==> flow/design.v <==
module multiplier #(
  parameter DWIDTH = 5
) (
  input ck,
  input reset,
  input signed [DWIDTH-1:0] src1_i,
  input signed [DWIDTH-1:0] src2_i,
  output signed [2*DWIDTH-1:0] out_o
);
  reg signed [DWIDTH-1:0] src1_reg;
  always @(posedge ck or posedge reset) begin
    if (reset) begin
      src1_reg <= 0;
    end else begin
      src1_reg <= src1_i;
    end
  end
  reg signed [DWIDTH-1:0] src2_reg;
  always @(posedge ck or posedge reset) begin
    if (reset) begin
      src2_reg <= 0;
    end else begin
      src2_reg <= src2_i;
    end
  end
  assign out_o = src1_reg * src2_reg;
endmodule
Tool chain data of multiplier
What the tools print for multiplier, step after step.
Lines are those of the file above, counted from 1.
Cell names lack the library's common part.
{ "design": {"top": "multiplier", "clock_port": "ck", "lib": "sky130hd", "pvt_corner": "tt_025C_1v80"} }

Word level
Yosys after proc, flatten, opt, wreduce and memory -nomap, before mapping. Enables and synchronous resets that opt folds into registers are not counted as muxes. Memory bits, and registers merged into a memory's read port (data or address), are not among the register bits. Print and check cells are not counted. Equal cells are merged and count once.
{ "op_classes": {"n_mul": 1} }
{ "ops": {"columns": ["cell", "count"], "rows": [
  ["multiplier 5 x 5 -> 10 bit", 1]
]} }
{ "word_totals": {"register_bits": 10, "inputBits": 12, "word_cells": 3} }

Depth
Yosys ltp: most cells in a row. Word level: on the elaborated netlist, between registers, memories and ports. Mapped: between sequential cells and ports; inverters and the memories' decode and read muxes count.
{ "logic_depth": {"depth_word": 1, "abc_area": 0, "depth_mapped": 12} }

Netlist
Source: synth_stat.txt of the flow (Yosys; design flattened, memories mapped). It holds for the ABC_AREA given above (unset counts as 0); a run with the other value may have another netlist.
{ "by_type": {"columns": ["type", "count", "area_total_um2"], "rows": [
  ["fa_1", 17, 340.326],
  ["dfrtp_1", 10, 250.24],
  ["ha_1", 15, 187.68],
  ["and2_1", 18, 112.608],
  ["inv_1", 29, 108.854],
  ["xnor2_1", 7, 61.309],
  ["nor2b_1", 3, 18.768],
  ["a211oi_2", 1, 12.512],
  ["mux2_2", 1, 11.261],
  ["nand2_1", 3, 11.261],
  ["nor2_1", 3, 11.261],
  ["a21oi_1", 2, 10.01],
  ["o21ai_0", 2, 10.01],
  ["a21oi_2", 1, 8.758],
  ["o2111ai_1", 1, 8.758],
  ["xor2_1", 1, 8.758],
  ["a21o_1", 1, 7.507],
  ["o211ai_1", 1, 7.507]
]} }
Not listed: further types 6, cells in them 6.
{ "mapped": {"mapped_area_mm2": 0.0012262, "ffs": 10, "buf_cells": 0, "stdcells": 122} }

Worst setup path after synthesis
Path of least setup slack by OpenSTA after synthesis, without wires, with an ideal clock, recovery checks aside; 20% of the period is set as input and as output delay. Where synthesis merged equal registers, the netlist keeps one of their names.
{ "synth_path": {"path_type": "reg2out", "start": "reg src1_reg[0]", "end": "out out_o[9]", "path_delay_ns": 3.315, "output_delay_ns": 1.036, "tclk_ns": 5.18, "driving_pins": 11, "t_required_ns": 4.144, "arrival_ns": 3.315, "setup_slack_ns": 0.829, "synth_period_reached_ns": 4.351} }
"path_delay_ns" = arrival - input delay + setup time.
A path that ends at an output port has no setup time.
"driving_pins" counts driving pins, that of a launching flip-flop among them; a cell with two outputs on the path counts twice.
"synth_period_reached_ns" is the clock period less the worst setup slack; recovery checks do not enter. This is arithmetic on one report: input and output delays are still those of the set period (20% each).
The rows between start and end are the longest chain of elaborated cells between them; the timing report does not say that the signal goes this way. Where chains are equally long, one stands for them.
A line is the first line of the expression or statement that the cell stems from. Yosys adds cells for indexed reads and writes and turns some case tables into memories.
{ "synth_via": {"cell_sequence": "dfrtp_1 > nand2b_1 > fa_1 > fa_1 > inv_1 > fa_1 > fa_1 > a211oi_2 > o21bai_1 > a21oi_1 > xnor2_1", "elab_chain_cells": 1, "cells_between": 1, "cone_lines": 1, "classes_between": "mul: 1"} }
{ "synth_rtl": {"columns": ["item", "line", "rtl"], "rows": [
  ["start, declared", 10, "reg signed [DWIDTH-1:0] src1_reg;"],
  ["start, assigned", 13, "src1_reg <= 0;"],
  ["start, assigned", 15, "src1_reg <= src1_i;"],
  ["multiplier 5 x 5 -> 10 bit", 26, "assign out_o = src1_reg * src2_reg;"],
  ["end, declared", 8, "output signed [2*DWIDTH-1:0] out_o"]
]} }

Timing after layout
Path of least setup slack in the final report of stored run 1 (OpenROAD, finished layout, wires in). Where an end is a register, its clock arrival counts in the times.
{ "layout_path": {"path_type": "reg2out", "start": "reg src1_reg[4]", "end": "out out_o[8]", "output_delay_ns": 1.04, "driving_pins": 13, "arrival_ns": 3.59, "tclk_ns": 5.21, "t_required_ns": 4.17, "setup_slack_ns": 0.58} }
The rows between start and end are the longest chain of elaborated cells between them; the timing report does not say that the signal goes this way. Where chains are equally long, one stands for them.
{ "layout_via": {"cell_sequence": "dfrtp_1 > buf_6 > and2_4 > fa_1 > inv_2 > fa_1 > fa_1 > inv_2 > ha_4 > inv_2 > or4_4 > o2111ai_2 > buf_2", "elab_chain_cells": 1, "cells_between": 1, "cone_lines": 1, "classes_between": "mul: 1"} }
{ "layout_rtl": {"columns": ["item", "line", "rtl"], "rows": [
  ["start, declared", 10, "reg signed [DWIDTH-1:0] src1_reg;"],
  ["start, assigned", 13, "src1_reg <= 0;"],
  ["start, assigned", 15, "src1_reg <= src1_i;"],
  ["multiplier 5 x 5 -> 10 bit", 26, "assign out_o = src1_reg * src2_reg;"],
  ["end, declared", 8, "output signed [2*DWIDTH-1:0] out_o"]
]} }

# Flow runs of multiplier

Settings and measured results of 3 stored flow runs for module multiplier (sky130hd), not sorted in any way. The constraints put input and output delay at 20% of the set period each and load the outputs with 0.01 pF.
"critical_path_time_ns" = time allowed to the worst setup path (clock period - input delay - output delay, where it has them) - its slack; a late launch clock adds to it, a late capture clock takes from it.
[
  {
    "run": "stored run 1",
    "settings": { "period_ns": 5.21, "CORE_UTILIZATION": 21, "SETUP_SLACK_MARGIN": 1.44, "PLACE_DENSITY_LB_ADDON": 0.09, "CORE_MARGIN": 5, "CELL_PAD_IN_SITES_GLOBAL_PLACEMENT": 1, "TNS_END_PERCENT": 55, "GPL_TIMING_DRIVEN": 1, "MAX_ROUTING_LAYER": "met4", "CAP_MARGIN": 20, "SLEW_MARGIN": 20 },
    "results": { "critical_path_time_ns": 3.59, "worst_path_kind": "reg2out", "ws_setup_ns": 0.577, "post_route_stdcell_area_mm2": 0.0017504, "timing.setup.tns_ns": 0.000, "yosys.chip_area_mm2": 0.0012262, "die_footprint_mm2": 0.0074667 }
  },
  {
    "run": "stored run 2",
    "settings": { "period_ns": 5.18, "CAP_MARGIN": 20, "CORE_MARGIN": 2, "CORE_UTILIZATION": 40, "SLEW_MARGIN": 20 },
    "results": { "critical_path_time_ns": 3.87, "worst_path_kind": "reg2out", "ws_setup_ns": 0.274, "post_route_stdcell_area_mm2": 0.0015039, "timing.setup.tns_ns": 0.000, "yosys.chip_area_mm2": 0.0012262, "die_footprint_mm2": 0.0035242 }
  },
  {
    "run": "stored run 3",
    "settings": { "period_ns": 2.72, "CORE_UTILIZATION": 57, "SETUP_SLACK_MARGIN": -0.21, "PLACE_DENSITY_LB_ADDON": 0.13, "CELL_PAD_IN_SITES_GLOBAL_PLACEMENT": 3, "TNS_END_PERCENT": 90, "GPL_TIMING_DRIVEN": 1, "CTS_CLUSTER_SIZE": 50, "CTS_CLUSTER_DIAMETER": 222, "SLEW_MARGIN": 20, "CAP_MARGIN": 20, "CORE_MARGIN": 2 },
    "outcome": "stopped before the end: placement reported FLW-0024"
  }
]
